==> flow/design.v <==
module adder_blk (ck, rst_i, a_i, b_i, carry_in_i, o_o, co_o);
  parameter integer BITS = 20;
  input ck;
  input rst_i;
  input [BITS-1:0] a_i;
  input [BITS-1:0] b_i;
  input carry_in_i;
  output [BITS-1:0] o_o;
  output co_o;
  reg [BITS-1:0] a_reg;
  reg [BITS-1:0] b_reg;
  reg carry_in_reg;
  wire [BITS-1:0] r;
  wire [BITS:0] cc;
  assign cc[0] = carry_in_reg;
  genvar g;
  generate
    for (g = 0; g < BITS; g = g + 1) begin : gen
      adder_blk_full_adder el (.a(a_reg[g]), .b(b_reg[g]), .ci(cc[g]), .s(r[g]), .co(cc[g+1]));
    end
  endgenerate
  assign o_o = r;
  assign co_o = cc[BITS];
  always @(posedge ck) begin
    if (rst_i) begin
      a_reg <= 0;
      b_reg <= 0;
      carry_in_reg <= 1'b0;
    end else begin
      a_reg <= a_i;
      b_reg <= b_i;
      carry_in_reg <= carry_in_i;
    end
  end
endmodule
module adder_blk_full_adder (
  input wire a,
  input wire b,
  input wire ci,
  output wire s,
  output wire co
);
  wire p = a ^ b;
  assign s = p ^ ci;
  assign co = p ? ci : a;
endmodule
* Tool chain data of adder_blk
What the tools print for adder_blk, step after step.
Line numbers count from 1 in the design file above.
Library cell names are shortened.
The mark n/a stands for no value.
- Design top :: adder_blk
- Clock port :: ck
- Cell library :: sky130hd
- Corner :: tt_025C_1v80

* After elaboration
Source: Yosys, flattened and elaborated, memories not mapped. Widths are those after wreduce; folded enables and synchronous resets count as part of the registers. Registers that Yosys merges into a memory's read port (data or address) are not register bits. Print and check cells do not count. Equal cells are merged and count once.
- Muxes and demuxes :: 20
- Bitwise gates (word level) :: 40
** Operators by type and width (count)
- 1-bit XOR :: 40
- 1-bit 2-to-1 mux :: 20
- Flip-flop bits (word level) :: 41
- Bits of input ports :: 43
- Output and inout bits :: 21
- Word-level cells :: 63

* Depth
Depth = most cells in a row (Yosys ltp): at word level without a register or memory, in the mapped netlist without a sequential cell, where the memories' decode and read muxes count.
- Depth in word-level cells :: 21
- ABC_AREA :: 0
- Mapped depth :: 11

* Netlist
Source: synth_stat.txt of the flow (Yosys; design flattened, memories mapped). It holds for the ABC_AREA given above (unset counts as 0); a run with the other value may have another netlist.
The area totals of this step are shown rounded.
** Cells by type
- dfxtp_1 :: count 41, area in all 820.787 µm²
- xnor2_1 :: count 35, area in all 306.544 µm²
- nor2b_1 :: count 41, area in all 256.496 µm²
- buf_4 :: count 20, area in all 150.144 µm²
- maj3_1 :: count 7, area in all 70.067 µm²
- nor2_1 :: count 18, area in all 67.565 µm²
- a21oi_1 :: count 9, area in all 45.043 µm²
- xor2_1 :: count 4, area in all 35.034 µm²
- maj3_2 :: count 3, area in all 33.782 µm²
- nand2_1 :: count 7, area in all 26.275 µm²
- o21ai_0 :: count 5, area in all 25.024 µm²
- or2_2 :: count 4, area in all 25.024 µm²
- a22oi_1 :: count 3, area in all 22.522 µm²
- o31ai_1 :: count 3, area in all 22.522 µm²
- and2_1 :: count 3, area in all 18.768 µm²
- or3b_2 :: count 2, area in all 17.517 µm²
- o32ai_2 :: count 1, area in all 16.266 µm²
- clkbuf_1 :: count 4, area in all 15.014 µm²
Other cell types: 15; their cells: 18.
- Standard cells after synthesis :: 228
- Mapped area :: 0.002107 mm²
- Sequential area :: 0.0008208 mm²
- Flip-flops :: 41
By module: a second synthesis without flattening, with its own total; a netlist apart from the flattened one above.
- Cell total of the unflattened synthesis :: 126
- Area total of the unflattened synthesis :: 0.001773 mm²
Rows give one instance, submodules left out.
** By module
- adder_blk :: instances 1, cells 86, area 0.001097 mm², sequential area 0.0008208 mm²
- adder_blk_full_adder :: instances 20, cells 2, area 0.0000338 mm², sequential area 0 mm²

* Worst setup path after synthesis
Source: OpenSTA report_checks on the synthesized netlist (no wires, ideal clock, input and output delay 20% of the period each), path of least setup slack; recovery checks are left aside. Register names are those of the netlist, which keeps one name where synthesis merged equal registers.
- Path kind :: register to output
- From :: register b_reg[0]
- To :: output o_o[19]
- Period :: 4550 ps
- External output delay :: 910 ps
- Launch time at the first pin :: 0 ps
- Data arrival time :: 2912 ps
- Slack :: 728 ps
- Delay of the path :: 2912 ps
- Stages on the path :: 12
- Buffers on the path :: 1
- Period reached after synthesis :: 3822 ps
"delay of the path" is the arrival time less input delay plus setup time.
A path that ends at an output port has no setup time.
"stages on the path" counts driving pins, that of a launching flip-flop among them; a cell with two outputs on the path counts twice.
"period reached after synthesis" is the clock period less the worst setup slack; recovery checks do not enter. This is arithmetic on one report: input and output delays are still those of the set period (20% each).
Between the ends stands the longest chain of elaborated cells between them, by number of cells; it is not shown to be the way that was timed. Of several equally long chains one is given.
A line is the first line of the expression or statement that the cell stems from. Yosys adds cells for indexed reads and writes and turns some case tables into memories.
- Cell sequence :: dfxtp_1 -> maj3_2 -> o211a_1 -> o32ai_2 -> a2111oi_0 -> or3_1 -> a32oi_1 -> a211oi_1 -> maj3_2 -> maj3_2 -> o31a_1 -> buf_4
- Cells in the longest elaborated chain :: 21
- Elaborated cells on any way between the ends :: 21
- RTL lines with such cells :: 3
- Those cells by class :: 19 x mux; 2 x logic
** RTL lines, path post-synthesis
- from (decl) :: line 11 : reg [BITS-1:0] b_reg;
- from (assign) :: line 27 : b_reg <= 0;
- from (assign) :: line 31 : b_reg <= b_i;
- 1-bit XOR :: line 43 : wire p = a ^ b;
- 1-bit 2-to-1 mux x19 :: line 45 : assign co = p ? ci : a;
- 1-bit XOR :: line 44 : assign s = p ^ ci;
- to (decl) :: line 8 : output [BITS-1:0] o_o;
Some nets on the timed path still bear RTL names; the line given drives or declares the net.
** Nets with RTL names, path post-synthesis (line)
- gen[19].el.s :: 44

* Timing after layout
From the final timing report of job 1: the path of least setup slack in the routed layout; clock arrival at registers is part of the times.
The path's times are printed in steps of 10 ps; the period is the one set.
- Path kind :: register to output
- From :: register b_reg[0]
- To :: output o_o[19]
- Period :: 5070 ps
- External output delay :: 1010 ps
- Launch time at the first pin :: 280 ps
- Data arrival time :: 3370 ps
- Slack :: 690 ps
- Stages on the path :: 12
- Buffers on the path :: 1
Between the ends stands the longest chain of elaborated cells between them, by number of cells; it is not shown to be the way that was timed. Of several equally long chains one is given.
- Cell sequence :: dfxtp_2 -> maj3_2 -> o211a_4 -> o211ai_1 -> a2111oi_2 -> or3_4 -> a32oi_2 -> a211oi_2 -> maj3_2 -> maj3_2 -> o31a_1 -> buf_2
- Cells in the longest elaborated chain :: 21
- Elaborated cells on any way between the ends :: 21
- RTL lines with such cells :: 3
- Those cells by class :: 19 x mux; 2 x logic
** RTL lines, path after layout
- from (decl) :: line 11 : reg [BITS-1:0] b_reg;
- from (assign) :: line 27 : b_reg <= 0;
- from (assign) :: line 31 : b_reg <= b_i;
- 1-bit XOR :: line 43 : wire p = a ^ b;
- 1-bit 2-to-1 mux x19 :: line 45 : assign co = p ? ci : a;
- 1-bit XOR :: line 44 : assign s = p ^ ci;
- to (decl) :: line 8 : output [BITS-1:0] o_o;

==> results <==
Module adder_blk, platform sky130hd: 3 stored runs of the flow (Yosys, OpenROAD) with differing settings, in no particular order. Input and output delays are each 20% of the period that was set; the output load is 0.01 pF.
"achieved period" is the run's clock period less its worst setup slack. It is reckoned from that one timing run; input and output delays stay at 20% of the period that was set.
By "critical path time" is meant the share of the clock period that the worst setup path is allowed (20% is reserved at inputs, 20% at outputs), minus its slack. Clock arrival times at its registers enter into it.
"power consumption" is the tool's figure for a default switching activity; nothing was simulated.
"critical path time" is given in steps of 10 ps.
Values from the reports are rounded here.

** Job 1
- Settings :: period_ns=5.07; CORE_UTILIZATION=55; SETUP_SLACK_MARGIN=1.05; PLACE_DENSITY_LB_ADDON=0.21; CORE_MARGIN=6; CELL_PAD_IN_SITES_GLOBAL_PLACEMENT=0; SLEW_MARGIN=25; MAX_ROUTING_LAYER=met5; CAP_MARGIN=20
- Standard-cell area after layout :: 0.002816 mm²
- Chip area after synthesis (Yosys) :: 0.002107 mm²
- Post-route utilization :: 80.6%
- Critical path time :: 3370 ps
- Type of the worst setup path :: register to output
- Achieved period :: 4382 ps
- Power consumption :: 0.0007411 W
- Total negative slack on setup checks :: 0 ps
- Setup slack of the worst path :: 688 ps
- Final worst hold slack :: 1269 ps
- Die area :: 0.00546 mm²

** Job 2
- Settings :: period_ns=4.55; CAP_MARGIN=20; CORE_MARGIN=2; CORE_UTILIZATION=40; SLEW_MARGIN=20
- Standard-cell area after layout :: 0.002771 mm²
- Chip area after synthesis (Yosys) :: 0.002107 mm²
- Post-route utilization :: 54.3%
- Critical path time :: 3500 ps
- Type of the worst setup path :: register to output
- Achieved period :: 4415 ps
- Power consumption :: 0.0008202 W
- Total negative slack on setup checks :: 0 ps
- Setup slack of the worst path :: 135 ps
- Final worst hold slack :: 1171 ps
- Die area :: 0.005864 mm²

** Job 3
- Settings :: period_ns=2.53; CORE_UTILIZATION=68; PLACE_DENSITY_LB_ADDON=0.05; CELL_PAD_IN_SITES_GLOBAL_PLACEMENT=3; ABC_AREA=1; GPL_TIMING_DRIVEN=0; GPL_ROUTABILITY_DRIVEN=1; CTS_CLUSTER_SIZE=47; SLEW_MARGIN=0; MIN_ROUTING_LAYER=met2; CAP_MARGIN=20; CORE_MARGIN=2
- Outcome :: incomplete, placement halted on FLW-0024
